==> flow/design.v <==
module rf_blk #(
   parameter NREGS = 6,
   parameter DW = 16,
   parameter ADDR_WIDTH = $clog2(NREGS),
   parameter GROUPS = DW / 8
) (
   input  wire core_clk,
   input  wire clr,
   input  wire [GROUPS-1:0] wstrb_in,
   input  wire [ADDR_WIDTH-1:0] wr_addr_in,
   input  wire [DW-1:0] din_in,
   input  wire [ADDR_WIDTH-1:0] rd_idx_in,
   output wire [DW-1:0] q_out
);
   reg [GROUPS-1:0] wstrb_s;
   reg [ADDR_WIDTH-1:0] wr_addr_s;
   reg [DW-1:0] din_s;
   always @(posedge core_clk or posedge clr) begin
      if (clr) begin
         wstrb_s <= 0;
         wr_addr_s <= 0;
         din_s <= 0;
      end else begin
         wstrb_s <= wstrb_in;
         wr_addr_s <= wr_addr_in;
         din_s <= din_in;
      end
   end
   reg [DW-1:0] ram [NREGS-1:0];
   integer idx;
   always @(posedge core_clk) begin
      for (idx = 0; idx < GROUPS; idx = idx + 1)
         if (wstrb_s[idx]) ram[wr_addr_s][8*idx +: 8] <= din_s[8*idx +: 8];
   end
   reg [ADDR_WIDTH-1:0] rd_idx_s;
   always @(posedge core_clk or posedge clr) begin
      if (clr) begin
         rd_idx_s <= 0;
      end else begin
         rd_idx_s <= rd_idx_in;
      end
   end
   assign q_out = ram[rd_idx_s];
endmodule
* Step by step through the tools: rf_blk
The steps from the RTL of rf_blk to its reports follow in flow order. Line numbers count from 1 in the design file above. Operators: Yosys type, input widths -> output width; for muxes data width and select width s. Cell names lack the library's common part. Not given: -
Design: design top rf_blk, clock core_clk, cell library sky130hd, library corner tt_025C_1v80

* After elaboration
Source: Yosys, flattened and elaborated, memories not mapped. Widths are those after wreduce; folded enables and synchronous resets count as part of the registers. Registers that Yosys merges into a memory's read port (data or address) are not register bits. Print and check cells do not count. Equal cells are merged and count once. Yosys's memory passes give these memory sizes; they may raise the number of words (mostly to a power of two), join words into wider ones and drop unused or constant bits.
Word-level totals: output and inout port bits 16, bits of input ports 26, bits in registers 24, memory bits (writable) 96, memory cells 1
Memories:
- ram | words 6, bits a word 16, rd ports 1, wr ports 1, line 29 | reg [DW-1:0] ram [NREGS-1:0];
Operators by class: multiplexer cells 4
Operator list (count):
- $mux 16 | 2
- $mux 1 | 2

* Depth
Yosys ltp: most cells in a row. Word level: on the elaborated netlist, between registers, memories and ports. Mapped: between sequential cells and ports; inverters and the memories' decode and read muxes count.
Logic depth: depth after elaboration 1, ABC_AREA 0, mapped depth 6, mapped depth without buffers 3

* After synthesis
Yosys stat after the flow's synthesis: flattened, memories mapped to cells. It holds for the ABC_AREA given above (unset counts as 0); a run with the other value may have another netlist.
Cell types:
- edfxtp_1 | count 96, total area 2.88E+03 µm²
- dfrtp_1 | count 24, total area 600.576 µm²
- mux2i_1 | count 48, total area 480.461 µm²
- a22o_1 | count 16, total area 140.134 µm²
- a21oi_1 | count 12, total area 60.058 µm²
- buf_12 | count 2, total area 40.038 µm²
- buf_4 | count 5, total area 37.536 µm²
- a21oi_2 | count 4, total area 35.034 µm²
- nor2_1 | count 8, total area 30.029 µm²
- nand2b_1 | count 4, total area 25.024 µm²
- buf_6 | count 2, total area 22.522 µm²
- nor3_1 | count 4, total area 20.019 µm²
- nand2_1 | count 2, total area 7.507 µm²
- nor2_2 | count 1, total area 6.256 µm²
- nor2b_1 | count 1, total area 6.256 µm²
- buf_2 | count 1, total area 5.005 µm²
- clkbuf_1 | count 1, total area 3.754 µm²
- inv_1 | count 1, total area 3.754 µm²
Mapped netlist: cell count 232, buffers 11, mapped area 4406.7 µm², sequential area 3483.3 µm², flip-flops 120

* Timing after synthesis
Source: OpenSTA report_checks on the synthesized netlist (no wires, ideal clock, input and output delay 20% of the period each), path of least setup slack; recovery checks are left aside. Register names are those of the netlist, which keeps one name where synthesis merged equal registers.
Path after synthesis: path kind register -> output, start reg rd_idx_s[0], end out q_out[10], setup slack 0.336 ns, buffers on the path 3, output delay 0.382 ns, stages 7, clock period 1.91 ns, delay of the path 1.192 ns, required time 1.528 ns, arrival 1.192 ns, synthesis period reached 1.574 ns
"delay of the path" = arrival - input delay + setup time. At an output port there is no setup time. "stages" counts driving pins, that of a launching flip-flop among them; a cell with two outputs on the path counts twice. "synthesis period reached" = period - worst setup slack (recovery checks aside). The figure is calculated, with input and output delays left at 20% of the set period. The rows between start and end are the longest chain of elaborated cells between them; the timing report does not say that the signal goes this way. Where chains are equally long, one stands for them. A line is the first line of the expression or statement that the cell stems from. Yosys adds cells for indexed reads and writes and turns some case tables into memories. A memory read counts as a cell of the chain, while the word-level depth stops at memories.
Between the ends, after synthesis: path through dfrtp_1 > buf_4 > buf_12 > buf_12 > mux2i_1 > a22o_1 > a21oi_2, length of the longest elaborated chain 1
Ends and longest elaborated chain, after synthesis:
- from (decl) | line 35 | reg [ADDR_WIDTH-1:0] rd_idx_s;
- from (assign) | line 38 | rd_idx_s <= 0;
- from (assign) | line 40 | rd_idx_s <= rd_idx_in;
- $mem_v2 6x16 | line 29 | reg [DW-1:0] ram [NREGS-1:0];
- to (decl) | line 13 | output wire [DW-1:0] q_out

* Timing after layout
From the final timing report of run A: the path of least setup slack in the routed layout; clock arrival at registers is part of the times.
Path after layout: path kind register -> output, start reg rd_idx_s[0], end out q_out[0], arrival 1.86 ns, setup slack -0.33 ns, buffers on the path 3, required time 1.53 ns, clock period 1.91 ns, output delay 0.38 ns, stages 7
The rows between start and end are the longest chain of elaborated cells between them; the timing report does not say that the signal goes this way. Where chains are equally long, one stands for them. A memory read counts as a cell of the chain, while the word-level depth stops at memories.
Between the ends, after layout: path through dfrtp_2 > buf_6 > buf_12 > mux2i_1 > a22o_1 > a21oi_1 > buf_2, length of the longest elaborated chain 1
Ends and longest elaborated chain, after layout:
- from (decl) | line 35 | reg [ADDR_WIDTH-1:0] rd_idx_s;
- from (assign) | line 38 | rd_idx_s <= 0;
- from (assign) | line 40 | rd_idx_s <= rd_idx_in;
- $mem_v2 6x16 | line 29 | reg [DW-1:0] ram [NREGS-1:0];
- to (decl) | line 13 | output wire [DW-1:0] q_out

Subject: rf_blk on sky130hd, stored results

Hello all,

3 stored runs of rf_blk in the flow (synthesis by Yosys, layout by OpenROAD, sky130hd cells), in arbitrary order. Constraints: input delay and output delay 20% of the set period each, output load 0.01 pF.
By "power" is meant OpenSTA's value without simulated activity: inputs other than the clock are taken to toggle once in ten clock periods, and the tool carries that through the logic.
[run A] settings: period_ns=1.91, CAP_MARGIN=20, CORE_MARGIN=2, CORE_UTILIZATION=40, SLEW_MARGIN=20
[run A] result: chip area after synthesis (Yosys) 4406.7 µm², die area 11872.3 µm², standard-cell area of the final layout 5795.6 µm², worst setup slack after layout -0.333 ns, total negative slack -4.390 ns, power 6.183 mW
[run B] settings: period_ns=2.61, CORE_UTILIZATION=47, SETUP_SLACK_MARGIN=0.26, PLACE_DENSITY_LB_ADDON=0.2, ABC_AREA=0, GPL_ROUTABILITY_DRIVEN=1, CAP_MARGIN=10, SLEW_MARGIN=10, CORE_MARGIN=2
[run B] result: chip area after synthesis (Yosys) 4406.7 µm², die area 10166.7 µm², standard-cell area of the final layout 5720.5 µm², worst setup slack after layout 0.174 ns, total negative slack 0.000 ns, power 4.561 mW
[run C] settings: period_ns=1.37, CORE_UTILIZATION=63, SETUP_SLACK_MARGIN=0.36, PLACE_DENSITY_LB_ADDON=0.14, CORE_ASPECT_RATIO=0.71, ABC_AREA=0, GPL_ROUTABILITY_DRIVEN=0, CTS_CLUSTER_SIZE=36, CTS_CLUSTER_DIAMETER=40, CAP_MARGIN=10, SLEW_MARGIN=40, CORE_MARGIN=2
[run C] result: chip area after synthesis (Yosys) 4406.7 µm², die area 7689.4 µm², standard-cell area of the final layout 6326.1 µm², worst setup slack after layout -1.007 ns, total negative slack -14.207 ns, power 10.216 mW

Thanks
